==> flow/design.v <==
module summer #(
  parameter int XLEN = 24,
  parameter int BS = 3
) (
  input  logic CLK,
  input  logic [XLEN-1:0] i_first,
  input  logic [XLEN-1:0] i_second,
  input  logic i_cy_in,
  output logic [XLEN-1:0] o_res,
  output logic o_cy
);
  logic [XLEN-1:0] first_ff;
  logic [XLEN-1:0] second_ff;
  logic cy_in_ff;
  always_ff @(posedge CLK) begin
    first_ff <= i_first;
    second_ff <= i_second;
    cy_in_ff <= i_cy_in;
  end
  localparam int NG = XLEN / BS;
  logic [XLEN-1:0] val;
  logic [NG:0] chain;
  assign chain[0] = cy_in_ff;
  for (genvar ii = 0; ii < NG; ii++) begin : g_bit
    wire [BS:0] s0 = first_ff[ii*BS +: BS] + second_ff[ii*BS +: BS];
    wire [BS:0] s1 = first_ff[ii*BS +: BS] + second_ff[ii*BS +: BS] + 1'b1;
    assign {chain[ii+1], val[ii*BS +: BS]} = chain[ii] ? s1 : s0;
  end
  assign o_res = val;
  assign o_cy = chain[NG];
endmodule
# From RTL to reports: summer
# The steps from the RTL of summer to its reports follow in flow order.
# Line numbers count from 1 in the design file above.
setup:
  top: "summer"
  clock_port: "CLK"
  library: "sky130hd"
  pvt_corner: "tt_025C_1v80"

# After elaboration
# Yosys after proc, flatten, opt, wreduce and memory -nomap, before mapping. Enables and synchronous resets that opt folds into registers are not counted as muxes. Memory bits, and registers merged into a memory's read port (data or address), are not among the register bits. Print and check cells are not counted. Equal cells are merged and count once.
word_totals:
  input_bits: 50
  ff_bits: 49
  out_inout_bits: 25
classes:
  n_addsub: 16
  mux: 8
ops:
  columns: ["cell", "count"]
  rows:
  - ["3-bit by 3-bit adder with 4-bit output", 8]
  - ["4-bit by 1-bit adder with 4-bit output with constant B", 8]
  - ["4-bit 2-to-1 mux", 8]

# Longest topological paths
# Yosys ltp: most cells in a row. Word level: on the elaborated netlist, between registers, memories and ports. Mapped: between sequential cells and ports; inverters and the memories' decode and read muxes count.
logic_depth:
  depth_word: 10
  abc_area: 0
  ltp_mapped: 15
  mapped_depth_nobuf: 14

# Synthesis result
# Source: synth_stat.txt of the flow (Yosys; design flattened, memories mapped). It holds for the ABC_AREA given above (unset counts as 0); a run with the other value may have another netlist.
# Totals and module areas in this step are rounded.
types:
  columns: ["cell", "count", "area_total_um2"]
  rows:
  - ["sky130_fd_sc_hd__dfxtp_1", 49, 980.941]
  - ["sky130_fd_sc_hd__ha_1", 32, 400.384]
  - ["sky130_fd_sc_hd__fa_1", 8, 160.154]
  - ["sky130_fd_sc_hd__xnor2_1", 14, 122.618]
  - ["sky130_fd_sc_hd__xor2_1", 13, 113.859]
  - ["sky130_fd_sc_hd__a21o_1", 8, 60.058]
  - ["sky130_fd_sc_hd__nand2_1", 16, 60.058]
  - ["sky130_fd_sc_hd__inv_1", 14, 52.55]
  - ["sky130_fd_sc_hd__nand3_1", 9, 45.043]
  - ["sky130_fd_sc_hd__and3_1", 5, 31.28]
  - ["sky130_fd_sc_hd__a21oi_1", 6, 30.029]
  - ["sky130_fd_sc_hd__a31oi_1", 4, 25.024]
  - ["sky130_fd_sc_hd__mux2_2", 2, 22.522]
  - ["sky130_fd_sc_hd__and2_1", 3, 18.768]
  - ["sky130_fd_sc_hd__nand4_1", 3, 18.768]
  - ["sky130_fd_sc_hd__xor2_2", 1, 16.266]
  - ["sky130_fd_sc_hd__mux2_4", 1, 15.014]
  - ["sky130_fd_sc_hd__o21ai_0", 3, 15.014]
# Not listed: further types 14, cells in them 16.
mapped:
  buf_cells: 1
  yosys_area_um2: 2310
  ffs: 49
  stdcells: 207
  sequential_area_um2: 981

# Timing after synthesis
# Source: OpenSTA report_checks on the synthesized netlist (no wires, ideal clock, input and output delay 20% of the period each), path of least setup slack; recovery checks are left aside. Register names are those of the netlist, which keeps one name where synthesis merged equal registers.
synth_path:
  kind: "flip-flop to output port"
  from: "register first_ff[0]"
  to: "output o_res[22]"
  driving_pins: 14
  period_ns: 5.14
  path_slack_ns: 0.824
  path_buffers: 0
  path_delay_ns: 3.288
  arrival_ns: 3.288
  launch_ns: 0.000
  synth_period_reached_ns: 4.316
# "path_delay_ns" is the arrival time less input delay plus setup time.
# A path that ends at an output port has no setup time.
# "driving_pins": output pins that drive a net of the path, with the launching flip-flop's if there is one; two outputs of one cell count as two.
# "synth_period_reached_ns" = period - worst setup slack (recovery checks aside). The figure is calculated, with input and output delays left at 20% of the set period.
# Between the ends stands the longest chain of elaborated cells between them, by number of cells; it is not shown to be the way that was timed. Of several equally long chains one is given.
# A line is the first line of the expression or statement that the cell stems from. Yosys adds cells for indexed reads and writes and turns some case tables into memories.
synth_between:
  cell_sequence: "sky130_fd_sc_hd__dfxtp_1 -> sky130_fd_sc_hd__ha_1 -> sky130_fd_sc_hd__fa_1 -> sky130_fd_sc_hd__xnor2_1 -> sky130_fd_sc_hd__nor2_4 -> sky130_fd_sc_hd__xor2_2 -> sky130_fd_sc_hd__o2111a_1 -> sky130_fd_sc_hd__a31oi_1 -> sky130_fd_sc_hd__a21o_1 -> sky130_fd_sc_hd__a31oi_1 -> sky130_fd_sc_hd__or4_4 -> sky130_fd_sc_hd__a31o_1 -> sky130_fd_sc_hd__and2_4 -> sky130_fd_sc_hd__mux2_4"
  elab_chain_len: 10
synth_lines:
  columns: ["item", "line_no", "rtl"]
  rows:
  - ["start, declared", 12, "logic [XLEN-1:0] first_ff;"]
  - ["start, assigned", 16, "first_ff <= i_first;"]
  - ["3-bit by 3-bit adder with 4-bit output", 26, "wire [BS:0] s1 = first_ff[ii*BS +: BS] + second_ff[ii*BS +: BS] + 1'b1;"]
  - ["4-bit by 1-bit adder with 4-bit output", 26, null]
  - ["4-bit 2-to-1 mux x8", 27, "assign {chain[ii+1], val[ii*BS +: BS]} = chain[ii] ? s1 : s0;"]
  - ["end, declared", 9, "output logic [XLEN-1:0] o_res,"]

# Worst path after layout
# From the final timing report of run 1: the path of least setup slack in the routed layout; clock arrival at registers is part of the times.
layout_path:
  kind: "flip-flop to output port"
  from: "register first_ff[0]"
  to: "output o_cy"
  arrival_ns: 3.83
  path_buffers: 4
  period_ns: 4.36
  launch_ns: 0.30
  path_slack_ns: -0.35
  driving_pins: 17
# Between the ends stands the longest chain of elaborated cells between them, by number of cells; it is not shown to be the way that was timed. Of several equally long chains one is given.
layout_between:
  cell_sequence: "sky130_fd_sc_hd__dfxtp_2 -> sky130_fd_sc_hd__ha_4 -> sky130_fd_sc_hd__fa_2 -> sky130_fd_sc_hd__xnor2_4 -> sky130_fd_sc_hd__nor2_4 -> sky130_fd_sc_hd__buf_4 -> sky130_fd_sc_hd__buf_4 -> sky130_fd_sc_hd__xnor2_1 -> sky130_fd_sc_hd__a31oi_2 -> sky130_fd_sc_hd__a21o_1 -> sky130_fd_sc_hd__and4_4 -> sky130_fd_sc_hd__or4_4 -> sky130_fd_sc_hd__nand4_1 -> sky130_fd_sc_hd__buf_4 -> sky130_fd_sc_hd__nand3_1 -> sky130_fd_sc_hd__xor2_2 -> sky130_fd_sc_hd__dlygate4sd2_1"
  elab_chain_len: 10
layout_lines:
  columns: ["item", "line_no", "rtl"]
  rows:
  - ["start, declared", 12, "logic [XLEN-1:0] first_ff;"]
  - ["start, assigned", 16, "first_ff <= i_first;"]
  - ["3-bit by 3-bit adder with 4-bit output", 26, "wire [BS:0] s1 = first_ff[ii*BS +: BS] + second_ff[ii*BS +: BS] + 1'b1;"]
  - ["4-bit by 1-bit adder with 4-bit output", 26, null]
  - ["4-bit 2-to-1 mux x8", 27, "assign {chain[ii+1], val[ii*BS +: BS]} = chain[ii] ? s1 : s0;"]
  - ["end, declared", 10, "output logic o_cy"]

# Settings and measured results of 3 stored flow runs for module summer (sky130hd), not sorted in any way. The constraints put input and output delay at 20% of the set period each and load the outputs with 0.01 pF.
# "period_less_ws_ns" = clock period - worst setup slack. The figure is calculated, with input and output delays left at 20% of the set period.
# "worst_path_ns" means the part of the period allowed to the worst setup path (the constraints hold back 20% at inputs and 20% at outputs) less its slack; where the path has registers, the arrival times of their clocks count too.
# By "final_power_uw" is meant OpenSTA's value without simulated activity: inputs other than the clock are taken to toggle once in ten clock periods, and the tool carries that through the logic.
# Measured values are rounded.
runs:
  - name: "run 1"
    settings:
      period_ns: 4.36
      CORE_UTILIZATION: 54
      SETUP_SLACK_MARGIN: 0.55
      PLACE_DENSITY_LB_ADDON: 0.28
      HOLD_SLACK_MARGIN: 0.17
      CORE_ASPECT_RATIO: 1.77
      CORE_MARGIN: 6
      CAP_MARGIN: 20
      SLEW_MARGIN: 20
    results:
      final_power_uw: 1230
      layout_stdcell_area_um2: 3590
      fin_ws_ns: -0.346
      synthesis_area_um2: 2310
      period_less_ws_ns: 4.706
      worst_path_ns: 3.83
      critical_path_kind: "flip-flop to output port"
      timing.hold.ws_ns: 1.00
      dieArea_um2: 6060
  - name: "run 2"
    settings:
      period_ns: 4.71
      CORE_UTILIZATION: 50
      SETUP_SLACK_MARGIN: 1.4
      PLACE_DENSITY_LB_ADDON: 0.13
      ABC_AREA: 1
      MIN_ROUTING_LAYER: "met2"
      CAP_MARGIN: 20
      CORE_MARGIN: 2
      SLEW_MARGIN: 20
    results:
      final_power_uw: 1300
      layout_stdcell_area_um2: 3930
      fin_ws_ns: 0.759
      synthesis_area_um2: 2650
      period_less_ws_ns: 3.951
      worst_path_ns: 3.01
      critical_path_kind: "flip-flop to output port"
      timing.hold.ws_ns: 1.07
      dieArea_um2: 5900
  - name: "run 3"
    settings:
      period_ns: 5.14
      CAP_MARGIN: 20
      CORE_MARGIN: 2
      CORE_UTILIZATION: 40
      SLEW_MARGIN: 20
    results:
      final_power_uw: 1040
      layout_stdcell_area_um2: 3380
      fin_ws_ns: 0.188
      synthesis_area_um2: 2310
      period_less_ws_ns: 4.952
      worst_path_ns: 3.92
      critical_path_kind: "flip-flop to output port"
      timing.hold.ws_ns: 1.16
      dieArea_um2: 6410
